==> flow/design.v <==
module mul_top #(
    parameter XLEN = 20,
    parameter K = 4
) (
    input logic aclk,
    input logic rst,
    input logic ce,
    input logic [XLEN-1:0] x,
    input logic [K-1:0] y,
    output logic [XLEN+K-1:0] m
);
    logic [XLEN-1:0] x_reg;
    logic [K-1:0] y_reg;
    always_ff @(posedge aclk) begin
        if (rst) begin
            x_reg <= 0;
            y_reg <= 0;
            m <= 0;
        end else if (ce) begin
            x_reg <= x;
            y_reg <= y;
            m <= x_reg * y_reg;
        end
    end
endmodule
From RTL to reports: mul_top
The steps from the RTL of mul_top to its reports follow in flow order.
Lines are those of the file above, counted from 1.
Cell names lack the library's common part.
The mark - stands for no value.
- design top: mul_top
- clock: aclk
- library: sky130hd
- library corner: tt_025C_1v80

Word level
Yosys after proc, flatten, opt, wreduce and memory -nomap, before mapping. Enables and synchronous resets that opt folds into registers are not counted as muxes. Memory bits, and registers merged into a memory's read port (data or address), are not among the register bits. Print and check cells are not counted. Equal cells are merged and count once.
- noted bits in registers: 48
- bits of input ports: 27
- noted cells after elaboration: 4
- noted multiply operators: 1
- operator list (cell ; count):
    multiplier 20 x 4 -> 24 bit ; 1

Depth
Yosys ltp: most cells in a row. Word level: on the elaborated netlist, between registers, memories and ports. Mapped: between sequential cells and ports; inverters and the memories' decode and read muxes count.
- depth in word-level cells at 1
- noted ABC_AREA: 0
- depth in mapped cells at 14

Synthesis result
Source: synth_stat.txt of the flow (Yosys; design flattened, memories mapped). It holds for the ABC_AREA given above (unset counts as 0); a run with the other value may have another netlist.
The area totals of this step are shown rounded.
- noted cell count: 516
- noted synthesis area: 4300 µm²
- sequential part of the area at 960 µm²
- mapped flip-flops: 48
- buffers: 22
- cells by type (cell ; count ; total area (µm²)):
    dfxtp_1 ; 48 ; 960.922
    fa_1 ; 36 ; 720.691
    ha_1 ; 28 ; 350.336
    mux2i_1 ; 34 ; 340.326
    and2_1 ; 54 ; 337.824
    inv_1 ; 73 ; 274.013
    nand2_1 ; 48 ; 180.173
    nor2_1 ; 42 ; 157.651
    a21oi_1 ; 23 ; 115.11
    xnor2_1 ; 9 ; 78.826
    nand2b_1 ; 11 ; 68.816
    a21o_1 ; 9 ; 67.565
    clkbuf_1 ; 17 ; 63.811
    o21ai_0 ; 9 ; 45.043
    a211oi_1 ; 5 ; 37.536
    nor3b_1 ; 5 ; 37.536
    buf_6 ; 3 ; 33.782
    o22ai_1 ; 5 ; 31.28
Not listed: further types 34, cells in them 57.

Timing after synthesis
Path of least setup slack by OpenSTA after synthesis, without wires, with an ideal clock, recovery checks aside; 20% of the period is set as input and as output delay. Where synthesis merged equal registers, the netlist keeps one of their names.
- path kind: register -> register
- start point: reg y_reg[3]
- end point: reg m[20]
- clock period at 4460 ps
- noted library setup time: 117 ps
- time at the first pin: 0 ps
- noted arrival time: 3455 ps
- noted path slack: 887 ps
- delay of the path at 3572 ps
- driving pins on the path: 14
- synthesis period reached at 3573 ps
"delay of the path" = arrival - input delay + setup time.
"driving pins on the path": output pins that drive a net of the path, with the launching flip-flop's if there is one; two outputs of one cell count as two.
"synthesis period reached" is the clock period less the worst setup slack; recovery checks do not enter. This is arithmetic on one report: input and output delays are still those of the set period (20% each).
Between the ends stands the longest chain of elaborated cells between them, by number of cells; it is not shown to be the way that was timed. Of several equally long chains one is given.
A line is the first line of the expression or statement that the cell stems from. Yosys adds cells for indexed reads and writes and turns some case tables into memories.
- cell sequence: dfxtp_1 > clkbuf_1 > and2_1 > fa_1 > inv_1 > fa_1 > inv_1 > ha_1 > a21o_1 > a31o_1 > a2111oi_4 > a211oi_1 > or3_1 > a32o_1
- noted length of the longest elaborated chain: 1
- RTL lines, path after synthesis (what ; line ; text):
    start: declaration ; 13 ; logic [K-1:0] y_reg;
    start: assignment ; 17 ; y_reg <= 0;
    start: assignment ; 21 ; y_reg <= y;
    multiplier 20 x 4 -> 24 bit ; 22 ; m <= x_reg * y_reg;
    end: assignment ; 18 ; m <= 0;
    end: assignment ; 22 ;
    end: declaration ; 10 ; output logic [XLEN+K-1:0] m

Timing after layout
From the final timing report of run A: the path of least setup slack in the routed layout; clock arrival at registers is part of the times.
The path's times are printed in steps of 10 ps; the period is the one set.
- path kind: register -> register
- start point: reg y_reg[3]
- end point: reg m[20]
- clock period at 2930 ps
- noted library setup time: 100 ps
- time at the first pin: 300 ps
- noted arrival time: 3600 ps
- noted path slack: -470 ps
- driving pins on the path: 14
Between the ends stands the longest chain of elaborated cells between them, by number of cells; it is not shown to be the way that was timed. Of several equally long chains one is given.
- cell sequence: dfxtp_4 > buf_6 > and2_4 > fa_1 > inv_1 > fa_1 > inv_2 > ha_4 > a21o_1 > a31o_4 > a2111oi_4 > a211oi_2 > or3_1 > a32o_1
- noted length of the longest elaborated chain: 1
- RTL lines, path post-layout (what ; line ; text):
    start: declaration ; 13 ; logic [K-1:0] y_reg;
    start: assignment ; 17 ; y_reg <= 0;
    start: assignment ; 21 ; y_reg <= y;
    multiplier 20 x 4 -> 24 bit ; 22 ; m <= x_reg * y_reg;
    end: assignment ; 18 ; m <= 0;
    end: assignment ; 22 ;
    end: declaration ; 10 ; output logic [XLEN+K-1:0] m

Measured data: module mul_top, platform sky130hd, 3 stored runs of the flow under differing settings, order arbitrary. Input and output delays are each 20% of the period that was set; the output load is 0.01 pF.
"clock period achieved" means the clock period less the worst setup slack. The figure is calculated, with input and output delays left at 20% of the set period.
"total design power": no workload was simulated; the value follows from the tool's default switching activity.
Values from the reports are rounded here.

Run A
Settings were period_ns = 2.93; CORE_UTILIZATION = 37; PLACE_DENSITY = 0.61; CELL_PAD_IN_SITES_GLOBAL_PLACEMENT = 2; TNS_END_PERCENT = 45; ABC_AREA = 0; CTS_CLUSTER_SIZE = 49; CTS_CLUSTER_DIAMETER = 355; CAP_MARGIN = 20; MAX_ROUTING_LAYER = met4; CORE_MARGIN = 2; SLEW_MARGIN = 20
- post-route worst hold slack: 480 ps
- setup total negative slack: -4400 ps
- noted the cell area after synthesis: 4300 µm²
- standard-cell area after layout: 6500 µm²
- clock period achieved at 3400 ps
- worst setup slack after layout: -470 ps
- noted the total design power: 1.8 mW
- noted the area of the die: 13000 µm²

Run B
Settings were period_ns = 3.04; CORE_UTILIZATION = 52; PLACE_DENSITY_LB_ADDON = 0.2; SLEW_MARGIN = 35; MIN_ROUTING_LAYER = met2; CAP_MARGIN = 20; CORE_MARGIN = 2
- post-route worst hold slack: 480 ps
- setup total negative slack: -4000 ps
- noted the cell area after synthesis: 4300 µm²
- standard-cell area after layout: 6300 µm²
- clock period achieved at 3455 ps
- worst setup slack after layout: -410 ps
- noted the total design power: 1.5 mW
- noted the area of the die: 9100 µm²

Run C
Settings were period_ns = 4.46; CAP_MARGIN = 20; CORE_MARGIN = 2; CORE_UTILIZATION = 40; SLEW_MARGIN = 20
- post-route worst hold slack: 470 ps
- setup total negative slack: 0 ps
- noted the cell area after synthesis: 4300 µm²
- standard-cell area after layout: 5100 µm²
- clock period achieved at 3904 ps
- worst setup slack after layout: 560 ps
- noted the total design power: 1.1 mW
- noted the area of the die: 12000 µm²
